==> flow/design.v <==
module u_add_unit_stage #(
   parameter int DATA_W = 12
) (
   input logic clk_i,
   input logic [DATA_W-1:0] rs1,
   input logic [DATA_W-1:0] rs2,
   input logic [DATA_W-1:0] rs3,
   output logic [DATA_W+1:0] o
);
   logic [DATA_W-1:0] rs1_d1;
   always_ff @(posedge clk_i) begin
      rs1_d1 <= rs1;
   end
   logic [DATA_W-1:0] rs2_d1;
   always_ff @(posedge clk_i) begin
      rs2_d1 <= rs2;
   end
   logic [DATA_W-1:0] rs3_d1;
   always_ff @(posedge clk_i) begin
      rs3_d1 <= rs3;
   end
   logic [DATA_W-1:0] work_d1;
   always_ff @(posedge clk_i) begin
      work_d1 <= rs1_d1 ^ rs2_d1 ^ rs3_d1;
   end
   logic [DATA_W-1:0] cy_d1;
   always_ff @(posedge clk_i) begin
      cy_d1 <= (rs1_d1 & rs2_d1) | (rs1_d1 & rs3_d1) | (rs2_d1 & rs3_d1);
   end
   always_ff @(posedge clk_i) begin
      o <= work_d1 + {cy_d1, 1'b0};
   end
endmodule
Reports on u_add_unit_stage
Tool output for the design above, in the order of the flow.
Line numbers count from 1 in the design file above.
Cell names lack the library's common part.
{ "inputs": {"design": "u_add_unit_stage", "clock": "clk_i", "library": "sky130hd", "lib_corner": "tt_025C_1v80"} }

Elaborated design
Source: Yosys, flattened and elaborated, memories not mapped. Widths are those after wreduce; folded enables and synchronous resets count as part of the registers. Registers that Yosys merges into a memory's read port (data or address) are not register bits. Print and check cells do not count. Equal cells are merged and count once.
{ "classes": {"addsub": 1, "n_logic": 7} }
{ "ops": {"columns": ["operator", "count"], "rows": [
  ["12-bit bitwise AND", 3],
  ["12-bit OR", 2],
  ["12-bit XOR", 2],
  ["12-bit by 13-bit adder with 14-bit output", 1]
]} }
{ "bits": {"ff_bits": 74, "input_bits": 37, "out_inout_bits": 14} }

Logic depth
Yosys ltp: most cells in a row. Word level: on the elaborated netlist, between registers, memories and ports. Mapped: between sequential cells and ports; inverters and the memories' decode and read muxes count.
{ "depth": {"word_depth": 3, "abc_area": 0, "ltp_mapped": 7} }

Netlist
The flow's flattened synthesis, as Yosys stat reports it; memories are mapped. The netlist is that of the ABC_AREA named above (0 if unset); the other value can give another one.
{ "mapped": {"cell_count": 154, "yosys_area_um2": 2259.7, "seq_area_um2": 1481.4, "flip_flops": 74} }
{ "by_type": {"columns": ["cell", "count", "area_total_um2"], "rows": [
  ["dfxtp_1", 74, 1.48E+03],
  ["fa_1", 13, 260.25],
  ["ha_1", 11, 137.632],
  ["xnor2_1", 5, 43.792],
  ["a21oi_1", 8, 40.038],
  ["xor2_1", 3, 26.275],
  ["nor2b_1", 4, 25.024],
  ["o211ai_2", 2, 25.024],
  ["nand2_1", 5, 18.768],
  ["nand4b_1", 2, 17.517],
  ["a21o_1", 2, 15.014],
  ["a311oi_2", 1, 15.014],
  ["mux2_4", 1, 15.014],
  ["nor2_1", 4, 15.014],
  ["inv_1", 3, 11.261],
  ["a41o_1", 1, 10.01],
  ["o21ai_0", 2, 10.01],
  ["a21oi_2", 1, 8.758]
]} }
Not listed: further types 12, cells in them 12.

Path before layout
OpenSTA on the mapped netlist: ideal clock, no wires. The path of least setup slack (recovery checks aside). Input and output delay are each 20% of the period. Register names are those of the netlist, which keeps one name where synthesis merged equal registers.
{ "synth_timing": {"path_kind": "register -> register", "start": "reg work_d1[1]", "end": "reg o[9]", "clock_period_ns": 2.27, "setup_ns": 0.127, "arrival_ns": 1.688, "t_required_ns": 2.143, "setup_slack_ns": 0.455, "path_delay_ns": 1.815, "driving_pins": 8, "period_less_setup_slack_ns": 1.815} }
"path_delay_ns" is the arrival time less input delay plus setup time.
"driving_pins" counts driving pins, that of a launching flip-flop among them; a cell with two outputs on the path counts twice.
"period_less_setup_slack_ns" = period - worst setup slack (recovery checks aside). The figure is calculated, with input and output delays left at 20% of the set period.
The rows between start and end are the longest chain of elaborated cells between them; the timing report does not say that the signal goes this way. Where chains are equally long, one stands for them.
Each line given opens the expression or statement behind the cell; cells for indexed reads and writes are added by Yosys, which also makes memories of some case tables.
{ "synth_between": {"cell_sequence": "dfxtp_1 ha_1 fa_1 a21oi_1 nor2b_1 a311oi_2 o21ai_0 xor2_1", "elab_chain_len": 1, "cells_between": 1, "lines_between": 1} }
{ "synth_rtl": {"columns": ["item", "line", "rtl"], "rows": [
  ["from (decl)", 22, "logic [DATA_W-1:0] work_d1;"],
  ["from (assign)", 24, "work_d1 <= rs1_d1 ^ rs2_d1 ^ rs3_d1;"],
  ["12-bit by 13-bit adder with 14-bit output", 31, "o <= work_d1 + {cy_d1, 1'b0};"],
  ["to (assign)", 31, null],
  ["to (decl)", 8, "output logic [DATA_W+1:0] o"]
]} }

Path in the finished layout
From the final timing report of run A: the path of least setup slack in the routed layout; clock arrival at registers is part of the times.
{ "layout_timing": {"path_kind": "register -> register", "start": "reg work_d1[1]", "end": "reg o[13]", "clock_period_ns": 1.65, "setup_ns": 0.11, "arrival_ns": 2.00, "t_required_ns": 1.88, "setup_slack_ns": -0.12, "driving_pins": 8} }
The rows between start and end are the longest chain of elaborated cells between them; the timing report does not say that the signal goes this way. Where chains are equally long, one stands for them.
{ "layout_between": {"cell_sequence": "dfxtp_2 ha_4 fa_2 a21oi_2 nor2b_2 a311oi_2 a31o_1 o22ai_1", "elab_chain_len": 1, "cells_between": 1, "lines_between": 1} }
{ "layout_rtl": {"columns": ["item", "line", "rtl"], "rows": [
  ["from (decl)", 22, "logic [DATA_W-1:0] work_d1;"],
  ["from (assign)", 24, "work_d1 <= rs1_d1 ^ rs2_d1 ^ rs3_d1;"],
  ["12-bit by 13-bit adder with 14-bit output", 31, "o <= work_d1 + {cy_d1, 1'b0};"],
  ["to (assign)", 31, null],
  ["to (decl)", 8, "output logic [DATA_W+1:0] o"]
]} }

# Flow runs of u_add_unit_stage

3 stored runs of u_add_unit_stage in the flow (synthesis by Yosys, layout by OpenROAD, sky130hd cells), in arbitrary order. Constraints: input delay and output delay 20% of the set period each, output load 0.01 pF.
"critical_path_time_ns" = time allowed to the worst setup path (clock period - input delay - output delay, where it has them) - its slack; a late launch clock adds to it, a late capture clock takes from it.
"design_power_uw" rests on the timing tool's default activity at the inputs, not on a simulated workload.
[
  {
    "run": "run A",
    "settings": { "period_ns": 1.65, "CORE_UTILIZATION": 60, "PLACE_DENSITY_LB_ADDON": 0.05, "CELL_PAD_IN_SITES_GLOBAL_PLACEMENT": 1, "CTS_CLUSTER_SIZE": 63, "SLEW_MARGIN": 0, "CAP_MARGIN": 20, "CORE_MARGIN": 2 },
    "results": { "synth_area_um2": 2259.7, "design.die.area_um2": 4273.2, "layout_utilization_pct": 87.0, "final_setup_ws_ns": -0.117, "tns_setup_ns": -0.388, "hold_worst_slack_ns": 0.333, "design_power_uw": 4626, "critical_path_time_ns": 1.77, "path_kind": "register -> register" }
  },
  {
    "run": "run B",
    "settings": { "period_ns": 2.27, "CAP_MARGIN": 20, "CORE_MARGIN": 2, "CORE_UTILIZATION": 40, "SLEW_MARGIN": 20 },
    "results": { "synth_area_um2": 2259.7, "design.die.area_um2": 6266.3, "layout_utilization_pct": 55.8, "final_setup_ws_ns": 0.273, "tns_setup_ns": 0.000, "hold_worst_slack_ns": 0.332, "design_power_uw": 3229, "critical_path_time_ns": 2.00, "path_kind": "register -> register" }
  },
  {
    "run": "run C",
    "settings": { "period_ns": 1.38, "CORE_UTILIZATION": 18, "SETUP_SLACK_MARGIN": 0.22, "PLACE_DENSITY_LB_ADDON": 0.09, "CELL_PAD_IN_SITES_DETAIL_PLACEMENT": 0, "TNS_END_PERCENT": 70, "ABC_AREA": 0, "GPL_TIMING_DRIVEN": 1, "GPL_ROUTABILITY_DRIVEN": 1, "CTS_CLUSTER_DIAMETER": 44, "CAP_MARGIN": 20, "CORE_MARGIN": 2, "SLEW_MARGIN": 20 },
    "results": { "synth_area_um2": 2259.7, "design.die.area_um2": 13466.4, "layout_utilization_pct": 29.1, "final_setup_ws_ns": -0.421, "tns_setup_ns": -2.306, "hold_worst_slack_ns": 0.327, "design_power_uw": 6369, "critical_path_time_ns": 1.80, "path_kind": "register -> register" }
  }
]
